==> flow/design.v <==
module ex_add_core_stage #(
  parameter DATA_WIDTH = 96,
  parameter GUARD = 2
) (
  input  wire clk_i,
  input  wire [DATA_WIDTH-1:0] data,
  input  wire init,
  output wire [DATA_WIDTH+GUARD-1:0] sum
);
  reg [DATA_WIDTH-1:0] data_q;
  reg init_q;
  reg [DATA_WIDTH+GUARD-1:0] acc;
  always @(posedge clk_i) begin
    data_q <= data;
    init_q <= init;
    acc <= init_q ? 0 : acc + data_q;
  end
  assign sum = acc;
endmodule
## Reports on ex_add_core_stage

The steps from the RTL of ex_add_core_stage to its reports follow in flow order.
Line numbers count from 1 in the design file above.
Library cell names are shortened.
A cell with -- has no value.

| design | value |
|---|---|
| top module | ex_add_core_stage |
| clock port | clk_i |
| cell library | sky130hd |
| corner | tt_025C_1v80 |

## Elaborated design

Yosys after proc, flatten, opt, wreduce and memory -nomap, before mapping. Enables and synchronous resets that opt folds into registers are not counted as muxes. Memory bits, and registers merged into a memory's read port (data or address), are not among the register bits. Print and check cells are not counted. Equal cells are merged and count once.

| bit counts | value |
|---|---|
| flip-flop bits (word level) | 195 |
| input bits | 98 |
| output and inout port bits | 98 |
| elaborated cells | 4 |

| operators by class | value |
|---|---|
| $add $sub $neg | 1 |

Operators with widths:

| operator | number |
|---|---|
| 98-bit by 96-bit adder with 98-bit output | 1 |

## Logic depth

Longest topological path by Yosys (ltp), each cell counted once; first at word level (registers and memories cut), then after technology mapping (sequential cells cut; the memories' decode and read muxes count).

| depth | value |
|---|---|
| depth after elaboration | 1 |
| ABC_AREA | 0 |
| gate-level depth with buffers | 13 |
| mapped depth without buffers | 13 |

## Mapped cells and area

Source: synth_stat.txt of the flow (Yosys; design flattened, memories mapped). It holds for the ABC_AREA given above (unset counts as 0); a run with the other value may have another netlist.

| synthesis totals | value |
|---|---|
| cells in the netlist | 1,280 |
| buffer cells | 63 |
| area of sequential cells | 3,903.7 sq um |
| cell area after synthesis | 10,711.5 sq um |
| flip-flops | 195 |

Cell types:

| cell type | number | area in all (sq um) |
|---|---|---|
| dfxtp_1 | 195 | 3.9E+03 |
| ha_1 | 96 | 1.2E+03 |
| a21oi_1 | 133 | 665.638 |
| nor2_1 | 153 | 574.301 |
| a21o_1 | 52 | 390.374 |
| xnor2_1 | 43 | 376.611 |
| nand2_1 | 94 | 352.838 |
| o21ai_0 | 70 | 350.336 |
| xor2_1 | 37 | 324.061 |
| nand4_1 | 40 | 250.24 |
| o21bai_1 | 31 | 232.723 |
| clkbuf_1 | 49 | 183.926 |
| inv_1 | 39 | 146.39 |
| nor2b_1 | 20 | 125.12 |
| nor3_1 | 23 | 115.11 |
| o21a_1 | 15 | 112.608 |
| nand3_1 | 22 | 110.106 |
| a21boi_0 | 11 | 82.579 |

Not listed: further types 50, cells in them 157.

## Worst setup path after synthesis

Source: OpenSTA report_checks on the synthesized netlist (no wires, ideal clock, input and output delay 20% of the period each), path of least setup slack; recovery checks are left aside. Register names are those of the netlist, which keeps one name where synthesis merged equal registers.

| timing path after synthesis | value |
|---|---|
| kind | register to register |
| start point | register acc[0] |
| end point | register acc[86] |
| slack | 0.765 ns |
| data arrival time | 2.924 ns |
| driving pins on the path | 14 |
| time at the first pin | 0.000 ns |
| delay of the path | 3.045 ns |
| setup time | 0.121 ns |
| clock period | 3.81 ns |
| data required time | 3.689 ns |
| buffers on the path | 0 |
| synthesis period reached | 3.045 ns |

"delay of the path" is the arrival time less input delay plus setup time.
"driving pins on the path" counts driving pins, that of a launching flip-flop among them; a cell with two outputs on the path counts twice.
"synthesis period reached" = period - worst setup slack (recovery checks aside). The figure is calculated, with input and output delays left at 20% of the set period.
Between the ends stands the longest chain of elaborated cells between them, by number of cells; it is not shown to be the way that was timed. Of several equally long chains one is given.
A line is the first line of the expression or statement that the cell stems from. Yosys adds cells for indexed reads and writes and turns some case tables into memories.

| on the way, after synthesis | value |
|---|---|
| cells stage by stage | dfxtp_1 > ha_1 > inv_1 > fa_1 > nor2b_1 > o2111ai_1 > a21oi_1 > a41oi_1 > o32ai_1 > o21ai_1 > a21oi_1 > a21oi_1 > o21ai_1 > mux2_2 |
| cells in the longest elaborated chain | 1 |
| elaborated cells between the ends (all ways) | 1 |
| RTL lines with such cells | 1 |
| classes of those cells | add/sub (1) |

Ends and longest elaborated chain, after synthesis:

| element | RTL line | text |
|---|---|---|
| start: declaration | 12 | `reg [DATA_WIDTH+GUARD-1:0] acc;` |
| start: assignment | 16 | `acc <= init_q ? 0 : acc + data_q;` |
| 98-bit by 96-bit adder with 98-bit output | 16 |  |
| end: assignment | 16 |  |
| end: declaration | 12 |  |

## Worst path after layout

From the final timing report of run B: the path of least setup slack in the routed layout; clock arrival at registers is part of the times.

| timing path after layout | value |
|---|---|
| kind | register to register |
| start point | register acc[1] |
| end point | register acc[97] |
| clock period | 3.81 ns |
| data required time | 4.14 ns |
| time at the first pin | 0.44 ns |
| data arrival time | 4.04 ns |
| driving pins on the path | 12 |
| buffers on the path | 0 |
| slack | 0.10 ns |
| setup time | 0.11 ns |

Between the ends stands the longest chain of elaborated cells between them, by number of cells; it is not shown to be the way that was timed. Of several equally long chains one is given.

| on the way, after layout | value |
|---|---|
| cells stage by stage | dfxtp_1 > ha_1 > a211o_1 > a211oi_1 > nor2_1 > a31o_2 > o2111ai_1 > a2111oi_2 > o21ai_1 > a21oi_2 > a21oi_1 > mux2_2 |
| cells in the longest elaborated chain | 1 |
| elaborated cells between the ends (all ways) | 1 |
| RTL lines with such cells | 1 |
| classes of those cells | add/sub (1) |

Ends and longest elaborated chain, after layout:

| element | RTL line | text |
|---|---|---|
| start: declaration | 12 | `reg [DATA_WIDTH+GUARD-1:0] acc;` |
| start: assignment | 16 | `acc <= init_q ? 0 : acc + data_q;` |
| 98-bit by 96-bit adder with 98-bit output | 16 |  |
| end: assignment | 16 |  |
| end: declaration | 12 |  |

Data sheet: physical implementation of ex_add_core_stage

Measured results for ex_add_core_stage: 3 stored runs of the Yosys and OpenROAD flow on sky130hd. The settings differ; the order carries no meaning. The constraints put input and output delay at 20% of the set period each and load the outputs with 0.01 pF.
"clock period reached" = clock period - worst setup slack. The figure is calculated, with input and output delays left at 20% of the set period.
"total design power": no workload was simulated; the value follows from the tool's default switching activity.

#### Run A

| setting | value |
|---|---|
| period_ns | `3.1` |
| CORE_UTILIZATION | `63` |
| SETUP_SLACK_MARGIN | `0.68` |
| PLACE_DENSITY_LB_ADDON | `0.23` |
| HOLD_SLACK_MARGIN | `0.25` |
| CORE_MARGIN | `3` |
| CELL_PAD_IN_SITES_GLOBAL_PLACEMENT | `3` |
| TNS_END_PERCENT | `35` |
| CAP_MARGIN | `5` |
| SLEW_MARGIN | `20` |

Unfinished; error FLW-0024 in placement.

#### Run B

| setting | value |
|---|---|
| period_ns | `3.81` |
| CAP_MARGIN | `20` |
| CORE_MARGIN | `2` |
| CORE_UTILIZATION | `40` |
| SLEW_MARGIN | `20` |

| result | value |
|---|---|
| clock period reached | 3.709 ns |
| setup TNS | 0.000 ns |
| Yosys chip area after synthesis | 10,711.5 sq um |
| post-route utilization | 0.515 |
| setup slack of the worst path | 0.101 ns |
| die size | 28,103.2 sq um |
| total design power | 11,601 µW |

#### Run C

| setting | value |
|---|---|
| period_ns | `3.38` |
| CORE_UTILIZATION | `33` |
| CORE_ASPECT_RATIO | `0.68` |
| ABC_AREA | `1` |
| GPL_TIMING_DRIVEN | `0` |
| CTS_CLUSTER_SIZE | `91` |
| MAX_ROUTING_LAYER | `met5` |
| CAP_MARGIN | `20` |
| CORE_MARGIN | `2` |
| SLEW_MARGIN | `20` |

| result | value |
|---|---|
| clock period reached | 3.049 ns |
| setup TNS | 0.000 ns |
| Yosys chip area after synthesis | 13,890.8 sq um |
| post-route utilization | 0.415 |
| setup slack of the worst path | 0.331 ns |
| die size | 43,781.2 sq um |
| total design power | 14,966 µW |
